==> flow/design.v <==
module gen_mag_cmp #(
    parameter W = 72
) (
    input  i_clk,
    input  rstn,
    input  [W-1:0] opa,
    input  [W-1:0] opb,
    output reg greater,
    output reg match
);
    localparam NB = W / 4;
    wire [NB:0] g;
    wire [NB:0] e;
    assign g[0] = 1'b0;
    assign e[0] = 1'b1;
    genvar gi;
    generate
        for (gi = 0; gi < NB; gi = gi + 1) begin : gen
            cmp4 u0 (.a(opa[4*gi +: 4]), .b(opb[4*gi +: 4]), .gi(g[gi]), .ei(e[gi]), .go(g[gi+1]), .eo(e[gi+1]));
        end
    endgenerate
    always @(posedge i_clk or negedge rstn) begin
        if (~rstn) begin
            greater <= 1'b0;
            match <= 1'b0;
        end else begin
            greater <= g[NB];
            match <= e[NB];
        end
    end
endmodule
module cmp4 (
    input wire [3:0] a,
    input wire [3:0] b,
    input wire gi,
    input wire ei,
    output wire go,
    output wire eo
);
    assign go = (a > b) | ((a == b) & gi);
    assign eo = (a == b) & ei;
endmodule
### Reports on gen_mag_cmp

What the tools print for gen_mag_cmp, step after step.
Line numbers count from 1 in the design file above.
Operators carry their Yosys type and port widths (W data, S select, Z words).
Cell names lack the library's common part.
The mark - stands for no value.

| inputs | value |
|---|---|
| design top | gen_mag_cmp |
| clock | i_clk |
| cell library | sky130hd |
| timing corner | tt_025C_1v80 |

### Elaborated design

Counts by Yosys on the flattened word-level netlist (proc, flatten, opt, wreduce; memories kept). Register bits leave out memories and registers merged into their read ports (data or address); mux counts leave out enables and synchronous resets folded into registers. Print and check cells are left out. Cells with the same type and inputs are merged into one.

| bit counts | value |
|---|---|
| flip-flop bits (word level) | 2 |
| bits in latches | 0 |
| RAM bits | 0 |
| memory bits (read-only) | 0 |
| word width x clocked read ports | 0 |
| memories kept | 0 |
| output and inout port bits | 2 |
| word-level cells | 89 |

| cells by class | value |
|---|---|
| $add $sub $neg | 0 |
| multipliers | 0 |
| divide/modulo/power cells | 0 |
| $lt $le $gt $ge | 18 |
| equality and inequality tests | 18 |
| shift operators | 0 |
| muxes and demuxes | 0 |
| bitwise operators | 51 |
| reduce/logical cells | 0 |

Operator list:

| kind | number |
|---|---|
| $gt A4 B4 Y1 | 18 |
| $eq A4 B4 Y1 | 18 |
| $and A1 B1 Y1 | 34 |
| $or A1 B1 Y1 | 17 |

### Longest topological paths

Longest topological path by Yosys (ltp), each cell counted once; first at word level (registers and memories cut), then after technology mapping (sequential cells cut; the memories' decode and read muxes count).

| logic depth | value |
|---|---|
| depth in word-level cells | 35 |
| ABC_AREA | 0 |
| depth in mapped cells | 8 |

### Mapped cells and area

Source: synth_stat.txt of the flow (Yosys; design flattened, memories mapped). It holds for the ABC_AREA given above (unset counts as 0); a run with the other value may have another netlist.
Totals and module areas in this step are rounded.

| synthesis totals | value |
|---|---|
| cell count | 273 |
| chip area (Yosys) | 2043 um^2 |
| area of sequential cells | 50.0 um^2 |
| mapped flip-flops | 2 |
| buffers | 0 |

Cell types:

| cell | number | area in all (um^2) |
|---|---|---|
| ha_1 | 72 | 900.864 |
| inv_1 | 80 | 300.288 |
| nand4_1 | 17 | 106.352 |
| a21oi_1 | 17 | 85.082 |
| a21o_1 | 7 | 52.55 |
| dfrtp_1 | 2 | 50.048 |
| nand2b_1 | 6 | 37.536 |
| nor2b_1 | 6 | 37.536 |
| nor3_1 | 7 | 35.034 |
| o21ai_0 | 7 | 35.034 |
| a2111oi_2 | 2 | 30.029 |
| a2111oi_4 | 1 | 27.526 |
| nand2_1 | 7 | 26.275 |
| o2111ai_1 | 3 | 26.275 |
| a2111o_1 | 2 | 22.522 |
| a211oi_1 | 3 | 22.522 |
| nor2_1 | 6 | 22.522 |
| o21a_1 | 3 | 22.522 |

Not listed: further types 19, cells in them 25.
The figures by module come from a second, unflattened synthesis with its own total; it is not the netlist above.

| unflattened totals | value |
|---|---|
| cells (unflattened synthesis) | 292 |
| area (unflattened synthesis) | 1994 um^2 |

Rows give one instance, submodules left out.

By module:

| module | instances | cells | area (um^2) |
|---|---|---|---|
| cmp4 | 18 | 16 | 107.6 |
| gen_mag_cmp | 1 | 4 | 57.6 |

### Path before layout

Path of least setup slack by OpenSTA after synthesis, without wires, with an ideal clock, recovery checks aside; 20% of the period is set as input and as output delay. Where synthesis merged equal registers, the netlist keeps one of their names.

| path post-synthesis | value |
|---|---|
| path kind | input -> register |
| from | in opa[16] |
| to | reg greater |
| period | 2.59 ns |
| setup time | 0.139 ns |
| arrival time | 2.038 ns |
| required time | 2.451 ns |
| path slack | 0.412 ns |
| path delay | 1.659 ns |
| driving pins on the path | 8 |
| buffers on the path | 0 |
| synthesis period reached | 2.178 ns |

"path delay" = arrival - input delay + setup time.
"driving pins on the path" counts driving pins, that of a launching flip-flop among them; a cell with two outputs on the path counts twice.
"synthesis period reached" = period - worst setup slack (recovery checks aside). The figure is calculated, with input and output delays left at 20% of the set period.
Between the ends stands the longest chain of elaborated cells between them, by number of cells; it is not shown to be the way that was timed. Of several equally long chains one is given.
Each line given opens the expression or statement behind the cell; cells for indexed reads and writes are added by Yosys, which also makes memories of some case tables.

| between the ends, post-synthesis | value |
|---|---|
| path through | inv_1 -> ha_1 -> nand2b_1 -> a2111oi_2 -> or3_4 -> a2111oi_4 -> a2111oi_2 -> o32ai_2 |
| length of the longest elaborated chain | 29 |
| elaborated cells between the ends (all ways) | 30 |
| those cells by class | compare (1); eq/ne (1); logic (28) |

Ends and longest elaborated chain, post-synthesis:

| element | line | text |
|---|---|---|
| start: declaration | 6 | `input  [W-1:0] opa,` |
| $eq A4 B4 Y1 | 40 | `assign go = (a > b) \| ((a == b) & gi);` |
| $and A1 B1 Y1 | 40 |  |
| $or A1 B1 Y1 | 40 |  |
| $and A1 B1 Y1 | 40 |  |
| $or A1 B1 Y1 | 40 |  |
| $and A1 B1 Y1 | 40 |  |
| $or A1 B1 Y1 | 40 |  |
| (+15 left out) | - |  |
| $or A1 B1 Y1 | 40 |  |
| $and A1 B1 Y1 | 40 |  |
| $or A1 B1 Y1 | 40 |  |
| $and A1 B1 Y1 | 40 |  |
| $or A1 B1 Y1 | 40 |  |
| $and A1 B1 Y1 | 40 |  |
| $or A1 B1 Y1 | 40 |  |
| end: assignment | 24 | `greater <= 1'b0;` |
| end: assignment | 27 | `greater <= g[NB];` |
| end: declaration | 8 | `output reg greater,` |

### Path in the finished layout

Path of least setup slack in the final report of run 1 (OpenROAD, finished layout, wires in). Where an end is a register, its clock arrival counts in the times.

| path after layout | value |
|---|---|
| path kind | input -> register |
| from | in opa[16] |
| to | reg greater |
| period | 3.46 ns |
| setup time | 0.14 ns |
| arrival time | 2.83 ns |
| required time | 3.53 ns |
| path slack | 0.70 ns |
| driving pins on the path | 9 |
| buffers on the path | 1 |

Between the ends stands the longest chain of elaborated cells between them, by number of cells; it is not shown to be the way that was timed. Of several equally long chains one is given.

| between the ends, after layout | value |
|---|---|
| path through | clkdlybuf4s50_1 -> inv_1 -> ha_1 -> nand2b_1 -> a2111oi_2 -> or3_4 -> a2111oi_4 -> a2111oi_2 -> o32ai_2 |
| length of the longest elaborated chain | 29 |
| elaborated cells between the ends (all ways) | 30 |
| those cells by class | compare (1); eq/ne (1); logic (28) |

Ends and longest elaborated chain, after layout:

| element | line | text |
|---|---|---|
| start: declaration | 6 | `input  [W-1:0] opa,` |
| $eq A4 B4 Y1 | 40 | `assign go = (a > b) \| ((a == b) & gi);` |
| $and A1 B1 Y1 | 40 |  |
| $or A1 B1 Y1 | 40 |  |
| $and A1 B1 Y1 | 40 |  |
| $or A1 B1 Y1 | 40 |  |
| $and A1 B1 Y1 | 40 |  |
| $or A1 B1 Y1 | 40 |  |
| (+15 left out) | - |  |
| $or A1 B1 Y1 | 40 |  |
| $and A1 B1 Y1 | 40 |  |
| $or A1 B1 Y1 | 40 |  |
| $and A1 B1 Y1 | 40 |  |
| $or A1 B1 Y1 | 40 |  |
| $and A1 B1 Y1 | 40 |  |
| $or A1 B1 Y1 | 40 |  |
| end: assignment | 24 | `greater <= 1'b0;` |
| end: assignment | 27 | `greater <= g[NB];` |
| end: declaration | 8 | `output reg greater,` |

==> results <==
Below are 3 stored runs of the flow (Yosys, OpenROAD; platform sky130hd) on gen_mag_cmp, each with its settings and what was measured, unordered. Constraints: input delay and output delay 20% of the set period each, output load 0.01 pF.
"achieved period": clock period set for the run, less the worst setup slack. It is reckoned from that one timing run; input and output delays stay at 20% of the period that was set.
By "power consumption" is meant OpenSTA's value without simulated activity: inputs other than the clock are taken to toggle once in ten clock periods, and the tool carries that through the logic.
The results are shown rounded.

#### Run 1

| setting | value |
|---|---|
| period_ns | `3.46` |
| CORE_UTILIZATION | `29` |
| SETUP_SLACK_MARGIN | `0.34` |
| PLACE_DENSITY_LB_ADDON | `0.25` |
| CELL_PAD_IN_SITES_DETAIL_PLACEMENT | `1` |
| GPL_ROUTABILITY_DRIVEN | `1` |
| CTS_CLUSTER_DIAMETER | `61` |
| CAP_MARGIN | `15` |
| MIN_ROUTING_LAYER | `met1` |
| MAX_ROUTING_LAYER | `met5` |
| CORE_MARGIN | `2` |
| SLEW_MARGIN | `20` |

| result | value |
|---|---|
| utilization after routing | 0.541 |
| power consumption | 0.0005149 W |
| standard-cell area of the final layout | 3676 um^2 |
| die footprint | 7733 um^2 |
| worst setup slack after layout | 0.696 ns |
| Yosys chip area after synthesis | 2043 um^2 |
| achieved period | 2.764 ns |

#### Run 2

| setting | value |
|---|---|
| period_ns | `2.59` |
| CAP_MARGIN | `20` |
| CORE_MARGIN | `2` |
| CORE_UTILIZATION | `40` |
| SLEW_MARGIN | `20` |

| result | value |
|---|---|
| utilization after routing | 0.746 |
| power consumption | 0.0006841 W |
| standard-cell area of the final layout | 3735 um^2 |
| die footprint | 5696 um^2 |
| worst setup slack after layout | 0.091 ns |
| Yosys chip area after synthesis | 2043 um^2 |
| achieved period | 2.499 ns |

#### Run 3

| setting | value |
|---|---|
| period_ns | `3.54` |
| CORE_UTILIZATION | `53` |
| PLACE_DENSITY | `0.35` |
| CELL_PAD_IN_SITES_GLOBAL_PLACEMENT | `2` |
| CELL_PAD_IN_SITES_DETAIL_PLACEMENT | `0` |
| ABC_AREA | `0` |
| GPL_ROUTABILITY_DRIVEN | `1` |
| CTS_CLUSTER_DIAMETER | `321` |
| CAP_MARGIN | `20` |
| CORE_MARGIN | `2` |
| SLEW_MARGIN | `20` |

Did not finish, placement stopped with GPL-0301.
